==> flow/design.v <==
module ex_compare_mod #(
  parameter W = 80
) (
  input wire core_clk,
  input wire rst_ni,
  input wire [W-1:0] da,
  input wire [W-1:0] db,
  output reg a_lt_b,
  output reg a_eq_b
);
  reg [W-1:0] da_reg;
  reg [W-1:0] db_reg;
  always @(posedge core_clk) begin
    if (!rst_ni) begin
      da_reg <= 0;
      db_reg <= 0;
    end else begin
      da_reg <= da;
      db_reg <= db;
    end
  end
  wire [W:0] r;
  assign r = {1'b0, da_reg} - {1'b0, db_reg};
  always @(posedge core_clk) begin
    if (!rst_ni) begin
      a_lt_b <= 1'b0;
      a_eq_b <= 1'b0;
    end else begin
      a_lt_b <= r[W];
      a_eq_b <= ~|r[W-1:0];
    end
  end
endmodule
---- Tool chain data of ex_compare_mod ----
Tool output for the design above, in the order of the flow.
Line numbers count from 1 in the design file above.
Operators: Yosys type, input widths -> output width; for muxes data width and select width s.
Cell names lack the library's common part.
The mark - stands for no value.
design
  top ..................................... ex_compare_mod
  clock input ............................. core_clk
  library ................................. sky130hd
  library corner .......................... tt_025C_1v80

---- After elaboration ----
Yosys after proc, flatten, opt, wreduce and memory -nomap, before mapping. Enables and synchronous resets that opt folds into registers are not counted as muxes. Memory bits, and registers merged into a memory's read port (data or address), are not among the register bits. Print and check cells are not counted. Equal cells are merged and count once.
storage and ports
  flip-flop bits (word level) ............. 162
  bits of input ports ..................... 162
  clocked read ports x word width ......... 0
  output and inout port bits .............. 2
  memory cells ............................ 0
  cells after elaboration ................. 7
  bits in read-only memories .............. 0
  memory bits (writable) .................. 0
  bits in latches ......................... 0
cells by class
  muxes and demuxes ....................... 0
  $add $sub $neg .......................... 1
  reductions and logical operators ........ 2
  equal/unequal tests ..................... 0
  shift operators ......................... 0
  div/mod/pow operators ................... 0
  $mul .................................... 0
  bitwise logic cells ..................... 0
  $lt $le $gt $ge ......................... 0
operators with widths
  operator          count
  $sub 80x80->81    1
  $reduce_or 80->1  1
  $logic_not 1->1   1

---- Longest topological paths ----
Longest topological path by Yosys (ltp), each cell counted once; first at word level (registers and memories cut), then after technology mapping (sequential cells cut; the memories' decode and read muxes count).
logic depth
  word-level depth ........................ 3
  ABC_AREA ................................ 1
  mapped depth ............................ 22
  gate-level depth less buffers ........... 22

---- Netlist ----
Source: synth_stat.txt of the flow (Yosys; design flattened, memories mapped). It holds for the ABC_AREA given above (unset counts as 0); a run with the other value may have another netlist.
cell types
  type      count  total area (um2)
  nand2_1   888    3.33E+03
  dfxtp_1   162    3243.11
  inv_1     612    2.3E+03
  ha_1      80     1000.96
  nor2_1    204    765.734
  a21oi_1   90     450.432
  nand3_1   89     445.427
  o21ai_0   38     190.182
  nand4_1   27     168.912
  nand3b_1  13     97.594
  o21bai_1  12     90.086
  nor2_2    14     87.584
  nand2_2   13     81.328
  clkbuf_1  18     67.565
  nor3_2    6      60.058
  nor3_1    11     55.053
  nand3_2   5      50.048
  a21o_1    6      45.043
Other cell types: 14; their cells: 36.
synthesis totals
  mapped flip-flops ....................... 162
  buffer cells ............................ 18
  standard cells after synthesis .......... 2324
  cell area after synthesis ............... 12773.5 um2
  area of sequential cells ................ 3243.1 um2

---- Worst setup path after synthesis ----
Source: OpenSTA report_checks on the synthesized netlist (no wires, ideal clock, input and output delay 20% of the period each), path of least setup slack; recovery checks are left aside. Register names are those of the netlist, which keeps one name where synthesis merged equal registers.
path post-synthesis
  path kind ............................... register to register
  from .................................... register da_reg[0]
  to ...................................... register a_eq_b
  slack ................................... 2.217 ns
  driving pins on the path ................ 21
  arrival ................................. 2.200 ns
  data required time ...................... 4.416 ns
  buffers on the path ..................... 0
  clock period ............................ 4.48 ns
  delay of the path ....................... 2.264 ns
  period reached after synthesis .......... 2.263 ns
"delay of the path" is the arrival time less input delay plus setup time.
"driving pins on the path" counts driving pins, that of a launching flip-flop among them; a cell with two outputs on the path counts twice.
"period reached after synthesis" = period - worst setup slack (recovery checks aside). The figure is calculated, with input and output delays left at 20% of the set period.
The rows between start and end are the longest chain of elaborated cells between them; the timing report does not say that the signal goes this way. Where chains are equally long, one stands for them.
Each line given opens the expression or statement behind the cell; cells for indexed reads and writes are added by Yosys, which also makes memories of some case tables.
between the ends, post-synthesis
  cells stage by stage .................... dfxtp_1 inv_1 ha_1 fa_1 inv_1 nand3_1 nand3_1 nand2_1 nand2_1 nand2_1 nand2_2 nand2_1 nand3_1 nand2_1 nor2_1 nand2_1 nor2_1 nand3_1 nor2_1 nand3_1 nor2_1
  length of the longest elaborated chain .. 3
ends and longest elaborated chain, post-synthesis
  element           RTL line  source
  start, declared   11        reg [W-1:0] da_reg;
  start, assigned   15        da_reg <= 0;
  start, assigned   18        da_reg <= da;
  $sub 80x80->81    23        assign r = {1'b0, da_reg} - {1'b0, db_reg};
  $reduce_or 80->1  30        a_eq_b <= ~|r[W-1:0];
  $logic_not 1->1   30
  end, assigned     27        a_eq_b <= 1'b0;
  end, assigned     30
  end, declared     9         output reg a_eq_b

---- Path in the finished layout ----
From the final timing report of entry A: the path of least setup slack in the routed layout; clock arrival at registers is part of the times.
path post-layout
  path kind ............................... register to register
  from .................................... register da_reg[0]
  to ...................................... register a_eq_b
  data required time ...................... 4.07 ns
  slack ................................... 0.33 ns
  arrival ................................. 3.74 ns
  clock period ............................ 3.67 ns
  buffers on the path ..................... 0
  driving pins on the path ................ 21
The rows between start and end are the longest chain of elaborated cells between them; the timing report does not say that the signal goes this way. Where chains are equally long, one stands for them.
between the ends, post-layout
  cells stage by stage .................... dfxtp_1 inv_1 ha_1 fa_1 inv_1 nand3_1 inv_1 nand2_1 inv_1 nand3_1 nand3_1 nand3_1 nand2_1 nand2_1 nand2_1 nand2_1 nor2_1 nand2_1 nor2_1 nand3_1 nor2_1
  length of the longest elaborated chain .. 3
ends and longest elaborated chain, post-layout
  element           RTL line  source
  start, declared   11        reg [W-1:0] da_reg;
  start, assigned   15        da_reg <= 0;
  start, assigned   18        da_reg <= da;
  $sub 80x80->81    23        assign r = {1'b0, da_reg} - {1'b0, db_reg};
  $reduce_or 80->1  30        a_eq_b <= ~|r[W-1:0];
  $logic_not 1->1   30
  end, assigned     27        a_eq_b <= 1'b0;
  end, assigned     30
  end, declared     9         output reg a_eq_b

==> results <==
Measured data: module ex_compare_mod, platform sky130hd, 3 stored runs of the flow under differing settings, order arbitrary. Input and output delays are each 20% of the period that was set; the output load is 0.01 pF.
"achieved clock period (ns)" means the clock period less the worst setup slack. The figure is calculated, with input and output delays left at 20% of the set period.
By "worst setup path time (ns)" is meant the share of the clock period that the worst setup path is allowed (20% is reserved at inputs, 20% at outputs), minus its slack. Clock arrival times at its registers enter into it.

Flow files of entry A
==> flow/run.sh <==
#!/bin/bash
# the make line also repeats the synthesis and layout settings of config.mk as NAME=value (left out here)
make -C /OpenROAD-flow-scripts/flow DESIGN_CONFIG=/design/flow/config.mk WORK_HOME=/design/flow/orfs CLKGATE_MAP_FILE= finish
==> flow/config.mk <==
export PLATFORM = sky130hd
export DESIGN_NAME = ex_compare_mod
export DESIGN_NICKNAME = ex_compare_mod
export VERILOG_FILES = /design/flow/design.v
export SDC_FILE = /design/flow/constraint.sdc
export NUM_CORES = 4
export LEC_CHECK = 0
export ABC_AREA = 1
export CAP_MARGIN = 20
export CELL_PAD_IN_SITES_DETAIL_PLACEMENT = 2
export CORE_MARGIN = 2
export CORE_UTILIZATION = 23
export GPL_ROUTABILITY_DRIVEN = 0
export GPL_TIMING_DRIVEN = 0
export PLACE_DENSITY_LB_ADDON = 0.01
export SETUP_SLACK_MARGIN = 0.07
export SLEW_MARGIN = 20
export TNS_END_PERCENT = 60
==> flow/constraint.sdc <==
create_clock -name core_clock -period 3.67 [get_ports {core_clk}]
set_input_delay 0.7340 -clock core_clock [delete_from_list [all_inputs] [get_ports {core_clk}]]
set_output_delay 0.7340 -clock core_clock [all_outputs]
set_load 0.01 [all_outputs]

report of entry A
yosys chip area after synthesis (um^2): 12773.5
finish__design__die__area: 57436.9
finish__design__instance__utilization: 0.2894
finish__timing__setup__ws: 0.334
finish__timing__setup__tns: 0.000
finish__timing__hold__ws: 0.761
achieved clock period (ns): 3.336
worst setup path time (ns): 3.34
worst setup path kind: register to register

Flow files of entry B
==> flow/run.sh <==
#!/bin/bash
# the make line also repeats the synthesis and layout settings of config.mk as NAME=value (left out here)
make -C /OpenROAD-flow-scripts/flow DESIGN_CONFIG=/design/flow/config.mk WORK_HOME=/design/flow/orfs CLKGATE_MAP_FILE= finish
==> flow/config.mk <==
export PLATFORM = sky130hd
export DESIGN_NAME = ex_compare_mod
export DESIGN_NICKNAME = ex_compare_mod
export VERILOG_FILES = /design/flow/design.v
export SDC_FILE = /design/flow/constraint.sdc
export NUM_CORES = 4
export LEC_CHECK = 0
export CAP_MARGIN = 5
export CORE_MARGIN = 8
export CORE_UTILIZATION = 51
export CTS_CLUSTER_SIZE = 73
export GPL_TIMING_DRIVEN = 1
export PLACE_DENSITY_LB_ADDON = 0.28
export SETUP_SLACK_MARGIN = 0.6
export SLEW_MARGIN = 20
==> flow/constraint.sdc <==
create_clock -name core_clock -period 3.17 [get_ports {core_clk}]
set_input_delay 0.6340 -clock core_clock [delete_from_list [all_inputs] [get_ports {core_clk}]]
set_output_delay 0.6340 -clock core_clock [all_outputs]
set_load 0.01 [all_outputs]

report of entry B
yosys chip area after synthesis (um^2): 10787.8
finish__design__die__area: 26062.9
finish__design__instance__utilization: 0.7460
finish__timing__setup__ws: -0.576
finish__timing__setup__tns: -1.143
finish__timing__hold__ws: 0.661
achieved clock period (ns): 3.746
worst setup path time (ns): 3.75
worst setup path kind: register to register

Flow files of entry C
==> flow/run.sh <==
#!/bin/bash
# the make line also repeats the synthesis and layout settings of config.mk as NAME=value (left out here)
make -C /OpenROAD-flow-scripts/flow DESIGN_CONFIG=/design/flow/config.mk WORK_HOME=/design/flow/orfs CLKGATE_MAP_FILE= finish
==> flow/config.mk <==
export PLATFORM = sky130hd
export DESIGN_NAME = ex_compare_mod
export DESIGN_NICKNAME = ex_compare_mod
export VERILOG_FILES = /design/flow/design.v
export SDC_FILE = /design/flow/constraint.sdc
export NUM_CORES = 4
export LEC_CHECK = 0
export CAP_MARGIN = 20
export CORE_MARGIN = 2
export CORE_UTILIZATION = 40
export SLEW_MARGIN = 20
==> flow/constraint.sdc <==
create_clock -name core_clock -period 4.48 [get_ports {core_clk}]
set_input_delay 0.8960 -clock core_clock [delete_from_list [all_inputs] [get_ports {core_clk}]]
set_output_delay 0.8960 -clock core_clock [all_outputs]
set_load 0.01 [all_outputs]

report of entry C
yosys chip area after synthesis (um^2): 10787.8
finish__design__die__area: 28299.7
finish__design__instance__utilization: 0.4905
finish__timing__setup__ws: 0.243
finish__timing__setup__tns: 0.000
finish__timing__hold__ws: 0.625
achieved clock period (ns): 4.237
worst setup path time (ns): 4.24
worst setup path kind: register to register
